==> flow/design.v <==
module pp_row #(parameter N = 4) (
  input wire [N-1:0] a,
  input wire sel,
  input wire [N-1:0] pin,
  output wire [N:0] pout
);
  assign pout = pin + (a & {N{sel}});
endmodule
module gen_times #(
  parameter integer WD = 10
) (
  input CLK,
  input [WD-1:0] i_op_a,
  input [WD-1:0] i_op_b,
  output reg [2*WD-1:0] o_q
);
  reg [WD-1:0] op_a_reg;
  always @(posedge CLK)
    op_a_reg <= i_op_a;
  reg [WD-1:0] op_b_reg;
  always @(posedge CLK)
    op_b_reg <= i_op_b;
  wire [WD:0] nd [0:WD];
  wire [WD-1:0] low;
  assign nd[0] = 0;
  genvar ii;
  generate
    for (ii = 0; ii < WD; ii = ii + 1) begin : g_bit
      pp_row #(.N(WD)) el (.a(op_a_reg), .sel(op_b_reg[ii]), .pin(nd[ii][WD:1]), .pout(nd[ii+1]));
      assign low[ii] = nd[ii+1][0];
    end
  endgenerate
  always @(posedge CLK)
    o_q <= {nd[WD][WD:1], low};
endmodule
* From RTL to reports: gen_times
Tool output for the design above, in the order of the flow. Lines are those of the file above, counted from 1. Operators: Yosys type, input widths -> output width; for muxes data width and select width s. The mark - stands for no value.
Design: design top gen_times, clock input CLK, library sky130hd, corner tt_025C_1v80

* Elaborated design
Counts by Yosys on the flattened word-level netlist (proc, flatten, opt, wreduce; memories kept). Register bits leave out memories and registers merged into their read ports (data or address); mux counts leave out enables and synchronous resets folded into registers. Print and check cells are left out. Cells with the same type and inputs are merged into one.
Storage and ports: input bits 21, bits in registers 40
Cells by class: add/sub/neg operators 9, bitwise operators 10
Operators by type and width (count):
- $and 10x10->10 | 10
- $add 10x11->11 | 8
- $add 9x11->11 | 1

* Depth
Depth = most cells in a row (Yosys ltp): at word level without a register or memory, in the mapped netlist without a sequential cell, where the memories' decode and read muxes count.
Depth: word-level depth 10, ABC_AREA 0, depth in mapped cells 49, mapped depth without buffers 48

* After synthesis
Yosys stat after the flow's synthesis: flattened, memories mapped to cells. It holds for the ABC_AREA given above (unset counts as 0); a run with the other value may have another netlist. The area totals of this step are shown rounded.
Synthesis totals: mapped area 5110 um2, mapped flip-flops 40, sequential part of the area 801 um2, cells in the netlist 593, buffers 1
Cells by type:
- sky130_fd_sc_hd__ha_1 | count 90, area in all 1126.08 um2
- sky130_fd_sc_hd__dfxtp_1 | count 40, area in all 800.768 um2
- sky130_fd_sc_hd__and2_1 | count 103, area in all 644.368 um2
- sky130_fd_sc_hd__xnor2_1 | count 53, area in all 464.195 um2
- sky130_fd_sc_hd__a21oi_1 | count 56, area in all 280.269 um2
- sky130_fd_sc_hd__a21o_1 | count 24, area in all 180.173 um2
- sky130_fd_sc_hd__fa_1 | count 9, area in all 180.173 um2
- sky130_fd_sc_hd__xor2_1 | count 19, area in all 166.41 um2
- sky130_fd_sc_hd__a2111oi_4 | count 5, area in all 137.632 um2
- sky130_fd_sc_hd__inv_1 | count 34, area in all 127.622 um2
- sky130_fd_sc_hd__o21ai_0 | count 23, area in all 115.11 um2
- sky130_fd_sc_hd__nand2_1 | count 26, area in all 97.594 um2
- sky130_fd_sc_hd__and3_1 | count 14, area in all 87.584 um2
- sky130_fd_sc_hd__a21oi_2 | count 9, area in all 78.826 um2
- sky130_fd_sc_hd__nor2b_1 | count 10, area in all 62.56 um2
- sky130_fd_sc_hd__and3_4 | count 5, area in all 56.304 um2
- sky130_fd_sc_hd__nand2b_1 | count 9, area in all 56.304 um2
- sky130_fd_sc_hd__o21bai_2 | count 5, area in all 56.304 um2
Other cell types: 24; their cells: 59. By module: a second synthesis without flattening, with its own total; a netlist apart from the flattened one above.
Unflattened totals: cells (unflattened synthesis) 681, area total of the unflattened synthesis 5680 um2
Rows give one instance, submodules left out.
Modules:
- pp_row #(N=10) | cells 64, seq. area 0.0 um2, instances 10, area 488 um2
- gen_times | cells 41, seq. area 801 um2, instances 1, area 805 um2

* Path before layout
OpenSTA on the mapped netlist: ideal clock, no wires. The path of least setup slack (recovery checks aside). Input and output delay are each 20% of the period. Register names are those of the netlist, which keeps one name where synthesis merged equal registers.
Path after synthesis: path type reg-to-reg, from register op_a_reg[1], to register o_q[17], time at the first pin 0 ps, required time 12528 ps, arrival time 10006 ps, driving pins on the path 45, delay of the path 10078 ps, path slack 2522 ps, clock period 12600 ps, path buffers 1, synthesis period reached 10078 ps
"delay of the path" = arrival - input delay + setup time. "driving pins on the path" counts driving pins, that of a launching flip-flop among them; a cell with two outputs on the path counts twice. "synthesis period reached" = period - worst setup slack (recovery checks aside). The figure is calculated, with input and output delays left at 20% of the set period. The rows between start and end are the longest chain of elaborated cells between them; the timing report does not say that the signal goes this way. Where chains are equally long, one stands for them. Each line given opens the expression or statement behind the cell; cells for indexed reads and writes are added by Yosys, which also makes memories of some case tables.
Between the ends, after synthesis: cells stage by stage sky130_fd_sc_hd__dfxtp_1 sky130_fd_sc_hd__clkbuf_1 sky130_fd_sc_hd__and2_1 sky130_fd_sc_hd__ha_1 sky130_fd_sc_hd__fa_1 sky130_fd_sc_hd__a21o_1 sky130_fd_sc_hd__a21oi_1 sky130_fd_sc_hd__xnor2_1 sky130_fd_sc_hd__ha_1 sky130_fd_sc_hd__and3_1 sky130_fd_sc_hd__a211oi_1 sky130_fd_sc_hd__nand2b_1 sky130_fd_sc_hd__xor2_1 sky130_fd_sc_hd__ha_1 sky130_fd_sc_hd__and3_1 sky130_fd_sc_hd__a211oi_1 sky130_fd_sc_hd__nand2b_1 sky130_fd_sc_hd__xor2_1 [... 9 more ...] sky130_fd_sc_hd__nand3_1 sky130_fd_sc_hd__o211ai_1 sky130_fd_sc_hd__nor2_1 sky130_fd_sc_hd__xnor2_1 sky130_fd_sc_hd__ha_1 sky130_fd_sc_hd__and3_4 sky130_fd_sc_hd__a2111oi_4 sky130_fd_sc_hd__xnor2_1 sky130_fd_sc_hd__ha_1 sky130_fd_sc_hd__and3_4 sky130_fd_sc_hd__a2111oi_4 sky130_fd_sc_hd__xnor2_1 sky130_fd_sc_hd__ha_1 sky130_fd_sc_hd__and3_4 sky130_fd_sc_hd__a2111oi_4 sky130_fd_sc_hd__o21bai_2 sky130_fd_sc_hd__a21oi_2 sky130_fd_sc_hd__xnor2_1, cells in the longest elaborated chain 10, elaborated cells on any way between the ends 19, those cells by class add/sub: 9; logic: 10
Ends and longest elaborated chain, after synthesis:
- from (decl) | RTL line 17 | reg [WD-1:0] op_a_reg;
- from (assign) | RTL line 19 | op_a_reg <= i_op_a;
- $and 10x10->10 | RTL line 7 | assign pout = pin + (a & {N{sel}});
- $add 9x11->11 | RTL line 7
- $add 10x11->11 (8 in a row) | RTL line 7
- to (assign) | RTL line 34 | o_q <= {nd[WD][WD:1], low};
- to (decl) | RTL line 15 | output reg [2*WD-1:0] o_q

* Worst path after layout
From the final timing report of entry B: the path of least setup slack in the routed layout; clock arrival at registers is part of the times. The path's times are printed in steps of 10 ps; the period is the one set.
Path after layout: path type reg-to-reg, from register op_a_reg[1], to register o_q[17], path buffers 0, path slack 1610 ps, required time 12820 ps, time at the first pin 290 ps, driving pins on the path 44, arrival time 11210 ps, clock period 12600 ps
The rows between start and end are the longest chain of elaborated cells between them; the timing report does not say that the signal goes this way. Where chains are equally long, one stands for them.
Between the ends, after layout: cells stage by stage sky130_fd_sc_hd__dfxtp_1 sky130_fd_sc_hd__and2_1 sky130_fd_sc_hd__ha_1 sky130_fd_sc_hd__fa_1 sky130_fd_sc_hd__a21o_1 sky130_fd_sc_hd__a21oi_1 sky130_fd_sc_hd__xnor2_1 sky130_fd_sc_hd__ha_1 sky130_fd_sc_hd__and3_1 sky130_fd_sc_hd__a211oi_1 sky130_fd_sc_hd__nand2b_1 sky130_fd_sc_hd__xor2_1 sky130_fd_sc_hd__ha_1 sky130_fd_sc_hd__and3_1 sky130_fd_sc_hd__a211oi_1 sky130_fd_sc_hd__nand2b_1 sky130_fd_sc_hd__xor2_1 sky130_fd_sc_hd__ha_1 [... 8 more ...] sky130_fd_sc_hd__nand3_1 sky130_fd_sc_hd__o211ai_1 sky130_fd_sc_hd__nor2_1 sky130_fd_sc_hd__xnor2_1 sky130_fd_sc_hd__ha_1 sky130_fd_sc_hd__and3_1 sky130_fd_sc_hd__a2111oi_4 sky130_fd_sc_hd__xnor2_1 sky130_fd_sc_hd__ha_1 sky130_fd_sc_hd__and3_4 sky130_fd_sc_hd__a2111oi_4 sky130_fd_sc_hd__xnor2_1 sky130_fd_sc_hd__ha_1 sky130_fd_sc_hd__and3_4 sky130_fd_sc_hd__a2111oi_4 sky130_fd_sc_hd__o21bai_2 sky130_fd_sc_hd__a21oi_2 sky130_fd_sc_hd__xnor2_1, cells in the longest elaborated chain 10, elaborated cells on any way between the ends 19, those cells by class add/sub: 9; logic: 10
Ends and longest elaborated chain, after layout:
- from (decl) | RTL line 17 | reg [WD-1:0] op_a_reg;
- from (assign) | RTL line 19 | op_a_reg <= i_op_a;
- $and 10x10->10 | RTL line 7 | assign pout = pin + (a & {N{sel}});
- $add 9x11->11 | RTL line 7
- $add 10x11->11 (8 in a row) | RTL line 7
- to (assign) | RTL line 34 | o_q <= {nd[WD][WD:1], low};
- to (decl) | RTL line 15 | output reg [2*WD-1:0] o_q

--- measured runs ---
gen_times through Yosys and OpenROAD on sky130hd: 3 stored runs, unordered, with their settings and measured results. The constraints put input and output delay at 20% of the set period each and load the outputs with 0.01 pF.
"reached clock period" is the run's clock period less its worst setup slack. It is reckoned from that one timing run; input and output delays stay at 20% of the period that was set.
"time used up by the worst setup path" is the time allowed to the run's worst setup path (the clock period less input and output delay, where it has them) less its slack. Clock arrival times count: a late capture clock shortens it, a late launch clock lengthens it.
"time used up by the worst setup path" is given in steps of 10 ps.
The results are shown rounded.

* Entry A | settings: period_ns 12.7; CORE_UTILIZATION 70; SETUP_SLACK_MARGIN -0.17; PLACE_DENSITY 0.47; HOLD_SLACK_MARGIN 0.29; CORE_ASPECT_RATIO 0.92; CELL_PAD_IN_SITES_GLOBAL_PLACEMENT 3; CELL_PAD_IN_SITES_DETAIL_PLACEMENT 2; GPL_TIMING_DRIVEN 0; SLEW_MARGIN 40; CAP_MARGIN 20; CORE_MARGIN 2 | no final report: placement broke off with GPL-0301
* Entry B | settings: period_ns 12.6; CAP_MARGIN 20; CORE_MARGIN 2; CORE_UTILIZATION 40; SLEW_MARGIN 20 | results: synthesis area 5110 um2; area inside the die boundary 13700 um2; standard-cell area after routing 5890 um2; setup slack of the critical path 1610 ps; setup total negative slack 0 ps; lowest hold slack 589 ps; reached clock period 10988 ps; time used up by the worst setup path 10990 ps; critical path kind reg-to-reg
* Entry C | settings: period_ns 13.5; CORE_UTILIZATION 49; SETUP_SLACK_MARGIN 2.34; PLACE_DENSITY_LB_ADDON 0.29; ABC_AREA 0; GPL_ROUTABILITY_DRIVEN 1; CTS_CLUSTER_SIZE 100; CTS_CLUSTER_DIAMETER 233; CAP_MARGIN 5; SLEW_MARGIN 35; MIN_ROUTING_LAYER met1; CORE_MARGIN 2 | results: synthesis area 5110 um2; area inside the die boundary 11300 um2; standard-cell area after routing 5830 um2; setup slack of the critical path 2960 ps; setup total negative slack 0 ps; lowest hold slack 599 ps; reached clock period 10542 ps; time used up by the worst setup path 10540 ps; critical path kind reg-to-reg
--- end ---
